==> flow/design.v <==
module core_add_unit_v2 #(
   parameter WD = 32
) (
   input  wire core_clk,
   input  wire [WD-1:0] in0_in,
   input  wire [WD-1:0] in1_in,
   output wire [WD-1:0] o_out
);
   reg [WD-1:0] r_in0;
   reg [WD-1:0] r_in1;
   always @(posedge core_clk) begin
      r_in0 <= in0_in;
      r_in1 <= in1_in;
   end
   wire [WD:0] t = r_in0 + r_in1;
   assign o_out = t[WD] ? {WD{1'b1}} : t[WD-1:0];
endmodule
# From RTL to reports: core_add_unit_v2
# The steps from the RTL of core_add_unit_v2 to its reports follow in flow order.
# Line numbers count from 1 in the design file above.
# Operators carry their Yosys type and port widths (W data, S select, Z words).
# The mark - stands for no value.
[design]
top = "core_add_unit_v2"
clk_port = "core_clk"
lib = "sky130hd"
lib_corner = "tt_025C_1v80"

# Elaborated design
# Counts by Yosys on the flattened word-level netlist (proc, flatten, opt, wreduce; memories kept). Register bits leave out memories and registers merged into their read ports (data or address); mux counts leave out enables and synchronous resets folded into registers. Print and check cells are left out. Cells with the same type and inputs are merged into one.
[op_classes]
addsub = 1
mux = 1
[ops]
columns = ["cell", "count"]
rows = [
  ["$add A32 B32 Y33", 1],
  ["$mux W32", 1],
]
[word_totals]
ff_bits = 64
input_bits = 65
output_inout_bits = 32
elab_cells = 4

# Logic depth
# Longest topological path by Yosys (ltp), each cell counted once; first at word level (registers and memories cut), then after technology mapping (sequential cells cut; the memories' decode and read muxes count).
[logic_depth]
depth_word = 2
abc_area = 0
ltp_mapped = 11
depth_no_buf = 9

# Synthesis result
# Source: synth_stat.txt of the flow (Yosys; design flattened, memories mapped). It holds for the ABC_AREA given above (unset counts as 0); a run with the other value may have another netlist.
[by_type]
columns = ["cell", "count", "type_area_um2"]
rows = [
  ["sky130_fd_sc_hd__dfxtp_1", 64, 1.28E+03],
  ["sky130_fd_sc_hd__ha_1", 32, 400.384],
  ["sky130_fd_sc_hd__nand2_1", 44, 165.158],
  ["sky130_fd_sc_hd__a21oi_1", 32, 160.154],
  ["sky130_fd_sc_hd__xnor2_1", 10, 87.584],
  ["sky130_fd_sc_hd__xor2_1", 10, 87.584],
  ["sky130_fd_sc_hd__a21o_1", 10, 75.072],
  ["sky130_fd_sc_hd__o21ai_0", 14, 70.067],
  ["sky130_fd_sc_hd__nor2_1", 14, 52.55],
  ["sky130_fd_sc_hd__nand3_1", 10, 50.048],
  ["sky130_fd_sc_hd__o21ai_1", 10, 50.048],
  ["sky130_fd_sc_hd__a211oi_1", 6, 45.043],
  ["sky130_fd_sc_hd__o21a_1", 6, 45.043],
  ["sky130_fd_sc_hd__o21bai_1", 6, 45.043],
  ["sky130_fd_sc_hd__nor3_1", 8, 40.038],
  ["sky130_fd_sc_hd__nand2b_1", 6, 37.536],
  ["sky130_fd_sc_hd__o211ai_1", 5, 37.536],
  ["sky130_fd_sc_hd__inv_1", 9, 33.782],
]
# Not listed: further types 33, cells in them 52.
[mapped]
cell_count = 348
yosys_area_mm2 = 0.0032106
sequential_area_mm2 = 0.0012812
flip_flops = 64
n_buf = 9

# Path before layout
# OpenSTA on the mapped netlist: ideal clock, no wires. The path of least setup slack (recovery checks aside). Input and output delay are each 20% of the period. Register names are those of the netlist, which keeps one name where synthesis merged equal registers.
[synth_timing]
path_kind = "register to output"
start = "register r_in0[0]"
end = "output port o_out[10]"
tclk_ns = 3.87
out_delay_ns = 0.774
launch_ns = 0.000
t_arrival_ns = 2.480
required_ns = 3.096
setup_slack_ns = 0.616
delay_ns = 2.480
driving_pins = 11
n_path_buf = 1
period_less_setup_slack_ns = 3.254
# "delay_ns" = arrival - input delay + setup time.
# A path that ends at an output port has no setup time.
# "driving_pins" counts driving pins, that of a launching flip-flop among them; a cell with two outputs on the path counts twice.
# "period_less_setup_slack_ns" is the clock period less the worst setup slack; recovery checks do not enter. This is arithmetic on one report: input and output delays are still those of the set period (20% each).
# The rows between start and end are the longest chain of elaborated cells between them; the timing report does not say that the signal goes this way. Where chains are equally long, one stands for them.
# A line is the first line of the expression or statement that the cell stems from. Yosys adds cells for indexed reads and writes and turns some case tables into memories.
[synth_via]
cell_sequence = "sky130_fd_sc_hd__dfxtp_1 sky130_fd_sc_hd__ha_1 sky130_fd_sc_hd__fa_1 sky130_fd_sc_hd__a211oi_1 sky130_fd_sc_hd__o21a_1 sky130_fd_sc_hd__a21oi_1 sky130_fd_sc_hd__o21ai_2 sky130_fd_sc_hd__a2111oi_4 sky130_fd_sc_hd__o22ai_2 sky130_fd_sc_hd__clkbuf_1 sky130_fd_sc_hd__nand2_1"
elab_chain_cells = 2
cells_between = 2
lines_between = 2
classes_between = "1 x add/sub; 1 x mux"
[synth_lines]
columns = ["item", "line", "source"]
rows = [
  ["start: declaration", 9, "reg [WD-1:0] r_in0;"],
  ["start: assignment", 12, "r_in0 <= in0_in;"],
  ["$add A32 B32 Y33", 15, "wire [WD:0] t = r_in0 + r_in1;"],
  ["$mux W32", 16, "assign o_out = t[WD] ? {WD{1'b1}} : t[WD-1:0];"],
  ["end: declaration", 7, "output wire [WD-1:0] o_out"],
]

# Path in the finished layout
# From the final timing report of flow run C: the path of least setup slack in the routed layout; clock arrival at registers is part of the times.
[layout_timing]
path_kind = "register to output"
start = "register r_in1[17]"
end = "output port o_out[30]"
tclk_ns = 3.87
out_delay_ns = 0.77
launch_ns = 0.33
t_arrival_ns = 2.99
required_ns = 3.10
setup_slack_ns = 0.11
driving_pins = 12
n_path_buf = 3
# The rows between start and end are the longest chain of elaborated cells between them; the timing report does not say that the signal goes this way. Where chains are equally long, one stands for them.
[layout_via]
cell_sequence = "sky130_fd_sc_hd__dfxtp_1 sky130_fd_sc_hd__ha_4 sky130_fd_sc_hd__nand4_2 sky130_fd_sc_hd__or3_4 sky130_fd_sc_hd__a311oi_4 sky130_fd_sc_hd__o21ai_4 sky130_fd_sc_hd__a2111oi_4 sky130_fd_sc_hd__o22ai_2 sky130_fd_sc_hd__buf_4 sky130_fd_sc_hd__buf_4 sky130_fd_sc_hd__nand3_1 sky130_fd_sc_hd__dlygate4sd2_1"
elab_chain_cells = 2
cells_between = 2
lines_between = 2
classes_between = "1 x add/sub; 1 x mux"
[layout_lines]
columns = ["item", "line", "source"]
rows = [
  ["start: declaration", 10, "reg [WD-1:0] r_in1;"],
  ["start: assignment", 13, "r_in1 <= in1_in;"],
  ["$add A32 B32 Y33", 15, "wire [WD:0] t = r_in0 + r_in1;"],
  ["$mux W32", 16, "assign o_out = t[WD] ? {WD{1'b1}} : t[WD-1:0];"],
  ["end: declaration", 7, "output wire [WD-1:0] o_out"],
]

# Top module core_add_unit_v2; platform sky130hd; tools Yosys and OpenROAD; 3 stored runs in no particular order. Input and output delays are each 20% of the period that was set; the output load is 0.01 pF.
# "period_reached_ns" means the clock period less the worst setup slack. The figure is calculated, with input and output delays left at 20% of the set period.
# "worst_path_ns" means the part of the period allowed to the worst setup path (the constraints hold back 20% at inputs and 20% at outputs) less its slack; where the path has registers, the arrival times of their clocks count too.
# "power_total_mw" is the tool's figure for a default switching activity; nothing was simulated.

[[run]]
name = "flow run A"
[run.settings]
period_ns = 2.9
CORE_UTILIZATION = 69
SETUP_SLACK_MARGIN = -0.16
PLACE_DENSITY_LB_ADDON = 0.3
CORE_MARGIN = 10
GPL_ROUTABILITY_DRIVEN = 1
CTS_CLUSTER_SIZE = 56
MIN_ROUTING_LAYER = "met2"
CAP_MARGIN = 20
SLEW_MARGIN = 20
[run.results]
outcome = "incomplete, placement halted on FLW-0024"

[[run]]
name = "flow run B"
[run.settings]
period_ns = 2.1
CORE_UTILIZATION = 61
PLACE_DENSITY_LB_ADDON = 0.11
HOLD_SLACK_MARGIN = -0.07
CORE_ASPECT_RATIO = 0.97
CELL_PAD_IN_SITES_DETAIL_PLACEMENT = 0
TNS_END_PERCENT = 90
GPL_ROUTABILITY_DRIVEN = 1
CTS_CLUSTER_DIAMETER = 376
SLEW_MARGIN = 0
MIN_ROUTING_LAYER = "met2"
CAP_MARGIN = 20
CORE_MARGIN = 2
[run.results]
outcome = "incomplete, clock tree synthesis halted on DPL-0038"

[[run]]
name = "flow run C"
[run.settings]
period_ns = 3.87
CAP_MARGIN = 20
CORE_MARGIN = 2
CORE_UTILIZATION = 40
SLEW_MARGIN = 20
[run.results]
ys_area_mm2 = 0.0032106
total_die_area_mm2 = 0.0087591
final_cell_area_mm2 = 0.0048134
finish.utilization_frac = 0.62
setup_worst_slack_ns = 0.110
timing.setup.tns_ns = 0.000
worst_hold_slack_ns = 0.876
power_total_mw = 2.009
period_reached_ns = 3.760
worst_path_ns = 2.99
critical_path_kind = "register to output"
